==> flow/design.v <==
module core_add_core_p #(
    parameter W = 56
) (
    input wire clock,
    input wire [W-1:0] da,
    input wire [W-1:0] db,
    input wire ci,
    output wire [W-1:0] total,
    output wire carry
);
    reg [W-1:0] da_ff;
    reg [W-1:0] db_ff;
    reg ci_ff;
    reg [W-1:0] t;
    reg c;
    integer k;
    always @(*) begin
        c = ci_ff;
        for (k = 0; k < W; k = k + 1) begin
            t[k] = da_ff[k] ^ db_ff[k] ^ c;
            c = (da_ff[k] & db_ff[k]) | (c & (da_ff[k] | db_ff[k]));
        end
    end
    assign total = t;
    assign carry = c;
    always @(posedge clock) begin
        da_ff <= da;
        db_ff <= db;
        ci_ff <= ci;
    end
endmodule
== Step by step through the tools: core_add_core_p ==
The steps from the RTL of core_add_core_p to its reports follow in flow order.
Line numbers count from 1 in the design file above.
Operators carry their Yosys type and port widths (W data, S select, Z words).
Not given: n/a

* Top: core_add_core_p
* Clock port: clock
* Library: sky130hd
* Corner: tt_025C_1v80

== Word level ==
Counts by Yosys on the flattened word-level netlist (proc, flatten, opt, wreduce; memories kept). Register bits leave out memories and registers merged into their read ports (data or address); mux counts leave out enables and synchronous resets folded into registers. Print and check cells are left out. Cells with the same type and inputs are merged into one.

* Latch bits: 0
* Output and inout port bits: 57
* Cells after elaboration: 339
* Input bits: 114
* Memory cells: 0
* Memory bits (writable): 0
* Clocked read ports x word width: 0
* ROM bits: 0
* Register bits: 113

* $add $sub $neg: 0
* $mul: 0
* Muxes and demuxes: 0
* Equality and inequality tests: 0
* Order comparisons: 0
* Divide/modulo/power cells: 0
* Reduce/logical cells: 0
* Bitwise logic cells: 336
* Shift operators: 0

{| class="wikitable"
|+ Operators by type and width
! kind !! count
|-
| $and A1 B1 Y1 || 112
|-
| $or A1 B1 Y1 || 112
|-
| $xor A1 B1 Y1 || 112
|}

== Depth ==
Yosys ltp: most cells in a row. Word level: on the elaborated netlist, between registers, memories and ports. Mapped: between sequential cells and ports; inverters and the memories' decode and read muxes count.

* Depth after elaboration: 113
* ABC_AREA: 0
* Mapped depth: 60
* Gate-level depth less buffers: 60

== Synthesis result ==
Yosys stat after the flow's synthesis: flattened, memories mapped to cells. It holds for the ABC_AREA given above (unset counts as 0); a run with the other value may have another netlist.

{| class="wikitable"
|+ Cells by type
! cell type !! count
|-
| sky130_fd_sc_hd__dfxtp_1 || 113
|-
| sky130_fd_sc_hd__fa_1 || 56
|-
| sky130_fd_sc_hd__inv_1 || 10
|}

* Cells in the netlist: 179
* Mapped flip-flops: 113
* Cell area after synthesis: 3420.8 um^2
* Area of sequential cells: 2262.2 um^2

== Timing after synthesis ==
OpenSTA on the mapped netlist: ideal clock, no wires. The path of least setup slack (recovery checks aside). Input and output delay are each 20% of the period. Register names are those of the netlist, which keeps one name where synthesis merged equal registers.

* Path type: register to output
* Start: register da_ff[0]
* End: output total[55]
* Data arrival time: 21598 ps
* Clock period: 33700 ps
* Delay of the path: 21598 ps
* Required time: 26960 ps
* Stages on the path: 61
* Path buffers: 0
* Path slack: 5362 ps
* Synthesis period reached: 28338 ps

"delay of the path" = arrival - input delay + setup time.
At an output port there is no setup time.
"stages on the path" counts driving pins, that of a launching flip-flop among them; a cell with two outputs on the path counts twice.
"synthesis period reached" = period - worst setup slack (recovery checks aside). The figure is calculated, with input and output delays left at 20% of the set period.
The rows between start and end are the longest chain of elaborated cells between them; the timing report does not say that the signal goes this way. Where chains are equally long, one stands for them.
Each line given opens the expression or statement behind the cell; cells for indexed reads and writes are added by Yosys, which also makes memories of some case tables.

* Path through: sky130_fd_sc_hd__dfxtp_1 -> sky130_fd_sc_hd__fa_1 -> sky130_fd_sc_hd__fa_1 -> sky130_fd_sc_hd__fa_1 -> sky130_fd_sc_hd__fa_1 -> sky130_fd_sc_hd__fa_1 -> sky130_fd_sc_hd__fa_1 -> sky130_fd_sc_hd__fa_1 -> sky130_fd_sc_hd__fa_1 -> sky130_fd_sc_hd__fa_1 -> sky130_fd_sc_hd__fa_1 -> sky130_fd_sc_hd__fa_1 -> sky130_fd_sc_hd__fa_1 -> sky130_fd_sc_hd__fa_1 -> sky130_fd_sc_hd__fa_1 -> sky130_fd_sc_hd__fa_1 -> sky130_fd_sc_hd__fa_1 -> sky130_fd_sc_hd__fa_1 -> (+25 left out) -> sky130_fd_sc_hd__fa_1 -> sky130_fd_sc_hd__fa_1 -> sky130_fd_sc_hd__fa_1 -> sky130_fd_sc_hd__fa_1 -> sky130_fd_sc_hd__fa_1 -> sky130_fd_sc_hd__fa_1 -> sky130_fd_sc_hd__fa_1 -> sky130_fd_sc_hd__fa_1 -> sky130_fd_sc_hd__fa_1 -> sky130_fd_sc_hd__fa_1 -> sky130_fd_sc_hd__fa_1 -> sky130_fd_sc_hd__inv_1 -> sky130_fd_sc_hd__fa_1 -> sky130_fd_sc_hd__inv_1 -> sky130_fd_sc_hd__fa_1 -> sky130_fd_sc_hd__inv_1 -> sky130_fd_sc_hd__fa_1 -> sky130_fd_sc_hd__inv_1
* Cells in the longest elaborated chain: 112

{| class="wikitable"
|+ RTL lines, path after synthesis
! element !! RTL line !! RTL
|-
| start: declaration || 11 || <nowiki>reg [W-1:0] da_ff;</nowiki>
|-
| start: assignment || 27 || <nowiki>da_ff <= da;</nowiki>
|-
| $or A1 B1 Y1 || 21 || <nowiki>c = (da_ff[k] & db_ff[k]) | (c & (da_ff[k] | db_ff[k]));</nowiki>
|-
| $and A1 B1 Y1 || 21 ||
|-
| $or A1 B1 Y1 || 21 ||
|-
| $and A1 B1 Y1 || 21 ||
|-
| $or A1 B1 Y1 || 21 ||
|-
| $and A1 B1 Y1 || 21 ||
|-
| $or A1 B1 Y1 || 21 ||
|-
| (+98 left out) || n/a ||
|-
| $and A1 B1 Y1 || 21 ||
|-
| $or A1 B1 Y1 || 21 ||
|-
| $and A1 B1 Y1 || 21 ||
|-
| $or A1 B1 Y1 || 21 ||
|-
| $and A1 B1 Y1 || 21 ||
|-
| $or A1 B1 Y1 || 21 ||
|-
| $xor A1 B1 Y1 || 20 || <nowiki>t[k] = da_ff[k] ^ db_ff[k] ^ c;</nowiki>
|-
| end: declaration || 8 || <nowiki>output wire [W-1:0] total,</nowiki>
|}

== Path in the finished layout ==
Path of least setup slack in the final report of flow run 2 (OpenROAD, finished layout, wires in). Where an end is a register, its clock arrival counts in the times.
The path's times are printed in steps of 10 ps; the period is the one set.

* Path type: register to output
* Start: register da_ff[0]
* End: output total[55]
* Path slack: 3450 ps
* Stages on the path: 62
* Data arrival time: 23510 ps
* Clock period: 33700 ps
* Required time: 26960 ps
* Path buffers: 1

The rows between start and end are the longest chain of elaborated cells between them; the timing report does not say that the signal goes this way. Where chains are equally long, one stands for them.

* Path through: sky130_fd_sc_hd__dfxtp_1 -> sky130_fd_sc_hd__fa_1 -> sky130_fd_sc_hd__fa_1 -> sky130_fd_sc_hd__fa_1 -> sky130_fd_sc_hd__fa_1 -> sky130_fd_sc_hd__fa_1 -> sky130_fd_sc_hd__fa_1 -> sky130_fd_sc_hd__fa_1 -> sky130_fd_sc_hd__fa_1 -> sky130_fd_sc_hd__fa_1 -> sky130_fd_sc_hd__fa_1 -> sky130_fd_sc_hd__fa_1 -> sky130_fd_sc_hd__fa_1 -> sky130_fd_sc_hd__fa_1 -> sky130_fd_sc_hd__fa_1 -> sky130_fd_sc_hd__fa_1 -> sky130_fd_sc_hd__fa_1 -> sky130_fd_sc_hd__fa_1 -> (+26 left out) -> sky130_fd_sc_hd__fa_1 -> sky130_fd_sc_hd__fa_1 -> sky130_fd_sc_hd__fa_1 -> sky130_fd_sc_hd__fa_1 -> sky130_fd_sc_hd__fa_1 -> sky130_fd_sc_hd__fa_1 -> sky130_fd_sc_hd__fa_1 -> sky130_fd_sc_hd__fa_1 -> sky130_fd_sc_hd__fa_1 -> sky130_fd_sc_hd__fa_1 -> sky130_fd_sc_hd__inv_1 -> sky130_fd_sc_hd__fa_1 -> sky130_fd_sc_hd__inv_1 -> sky130_fd_sc_hd__fa_1 -> sky130_fd_sc_hd__inv_1 -> sky130_fd_sc_hd__fa_1 -> sky130_fd_sc_hd__inv_1 -> sky130_fd_sc_hd__clkdlybuf4s50_1
* Cells in the longest elaborated chain: 112

{| class="wikitable"
|+ RTL lines, path post-layout
! element !! RTL line !! RTL
|-
| start: declaration || 11 || <nowiki>reg [W-1:0] da_ff;</nowiki>
|-
| start: assignment || 27 || <nowiki>da_ff <= da;</nowiki>
|-
| $or A1 B1 Y1 || 21 || <nowiki>c = (da_ff[k] & db_ff[k]) | (c & (da_ff[k] | db_ff[k]));</nowiki>
|-
| $and A1 B1 Y1 || 21 ||
|-
| $or A1 B1 Y1 || 21 ||
|-
| $and A1 B1 Y1 || 21 ||
|-
| $or A1 B1 Y1 || 21 ||
|-
| $and A1 B1 Y1 || 21 ||
|-
| $or A1 B1 Y1 || 21 ||
|-
| (+98 left out) || n/a ||
|-
| $and A1 B1 Y1 || 21 ||
|-
| $or A1 B1 Y1 || 21 ||
|-
| $and A1 B1 Y1 || 21 ||
|-
| $or A1 B1 Y1 || 21 ||
|-
| $and A1 B1 Y1 || 21 ||
|-
| $or A1 B1 Y1 || 21 ||
|-
| $xor A1 B1 Y1 || 20 || <nowiki>t[k] = da_ff[k] ^ db_ff[k] ^ c;</nowiki>
|-
| end: declaration || 8 || <nowiki>output wire [W-1:0] total,</nowiki>
|}

Lab notebook: core_add_core_p

Top module core_add_core_p; platform sky130hd; tools Yosys and OpenROAD; 3 stored runs in no particular order. Input and output delays are each 20% of the period that was set; the output load is 0.01 pF.
By "achieved clock period" is meant the clock period of the run minus its worst setup slack. This is arithmetic on one report: input and output delays are still those of the set period (20% each).
"worst setup path time" means the part of the period allowed to the worst setup path (the constraints hold back 20% at inputs and 20% at outputs) less its slack; where the path has registers, the arrival times of their clocks count too.
"power": no workload was simulated; the value follows from the tool's default switching activity.
"worst setup path time" is known to 10 ps.

Flow run 1
==> flow/run.sh <==
#!/bin/bash
# the make line also repeats the synthesis and layout settings of config.mk as NAME=value (left out here)
make -C /OpenROAD-flow-scripts/flow DESIGN_CONFIG=/design/flow/config.mk WORK_HOME=/design/flow/orfs CLKGATE_MAP_FILE= finish
==> flow/config.mk <==
export PLATFORM = sky130hd
export DESIGN_NAME = core_add_core_p
export DESIGN_NICKNAME = core_add_core_p
export VERILOG_FILES = /design/flow/design.v
export SDC_FILE = /design/flow/constraint.sdc
export NUM_CORES = 4
export LEC_CHECK = 0
export CAP_MARGIN = 25
export CELL_PAD_IN_SITES_GLOBAL_PLACEMENT = 3
export CORE_MARGIN = 2
export CORE_UTILIZATION = 64
export CTS_CLUSTER_DIAMETER = 277
export CTS_CLUSTER_SIZE = 25
export GPL_ROUTABILITY_DRIVEN = 1
export PLACE_DENSITY = 0.73
export SETUP_SLACK_MARGIN = -1.64
export SLEW_MARGIN = 30
==> flow/constraint.sdc <==
create_clock -name core_clock -period 17.0 [get_ports {clock}]
set_input_delay 3.4000 -clock core_clock [delete_from_list [all_inputs] [get_ports {clock}]]
set_output_delay 3.4000 -clock core_clock [all_outputs]
set_load 0.01 [all_outputs]

==> results of flow run 1 <==
did not finish, placement stopped with GPL-0301

Flow run 2
==> flow/run.sh <==
#!/bin/bash
# the make line also repeats the synthesis and layout settings of config.mk as NAME=value (left out here)
make -C /OpenROAD-flow-scripts/flow DESIGN_CONFIG=/design/flow/config.mk WORK_HOME=/design/flow/orfs CLKGATE_MAP_FILE= finish
==> flow/config.mk <==
export PLATFORM = sky130hd
export DESIGN_NAME = core_add_core_p
export DESIGN_NICKNAME = core_add_core_p
export VERILOG_FILES = /design/flow/design.v
export SDC_FILE = /design/flow/constraint.sdc
export NUM_CORES = 4
export LEC_CHECK = 0
export CAP_MARGIN = 20
export CORE_MARGIN = 2
export CORE_UTILIZATION = 40
export SLEW_MARGIN = 20
==> flow/constraint.sdc <==
create_clock -name core_clock -period 33.7 [get_ports {clock}]
set_input_delay 6.7400 -clock core_clock [delete_from_list [all_inputs] [get_ports {clock}]]
set_output_delay 6.7400 -clock core_clock [all_outputs]
set_load 0.01 [all_outputs]

==> results of flow run 2 <==
chip area after synthesis (Yosys): 3420.8 um^2
die area: 9307.4 um^2
standard-cell area of the final layout: 5860.6 um^2
utilization: 71.0 %
worst setup slack after layout: 3453 ps
total negative slack: 0 ps
worst hold slack: 6680 ps
power: 0.0003887 W
achieved clock period: 30247 ps
worst setup path time: 23510 ps
worst setup path kind: register to output

Flow run 3
==> flow/run.sh <==
#!/bin/bash
# the make line also repeats the synthesis and layout settings of config.mk as NAME=value (left out here)
make -C /OpenROAD-flow-scripts/flow DESIGN_CONFIG=/design/flow/config.mk WORK_HOME=/design/flow/orfs CLKGATE_MAP_FILE= finish
==> flow/config.mk <==
export PLATFORM = sky130hd
export DESIGN_NAME = core_add_core_p
export DESIGN_NICKNAME = core_add_core_p
export VERILOG_FILES = /design/flow/design.v
export SDC_FILE = /design/flow/constraint.sdc
export NUM_CORES = 4
export LEC_CHECK = 0
export ABC_AREA = 1
export CAP_MARGIN = 30
export CORE_ASPECT_RATIO = 1.33
export CORE_MARGIN = 2
export CORE_UTILIZATION = 56
export CTS_CLUSTER_SIZE = 96
export GPL_TIMING_DRIVEN = 1
export MIN_ROUTING_LAYER = met2
export PLACE_DENSITY_LB_ADDON = 0.28
export SETUP_SLACK_MARGIN = 2.23
export SLEW_MARGIN = 10
==> flow/constraint.sdc <==
create_clock -name core_clock -period 52.3 [get_ports {clock}]
set_input_delay 10.4600 -clock core_clock [delete_from_list [all_inputs] [get_ports {clock}]]
set_output_delay 10.4600 -clock core_clock [all_outputs]
set_load 0.01 [all_outputs]

==> results of flow run 3 <==
did not finish, clock tree synthesis stopped with DPL-0033
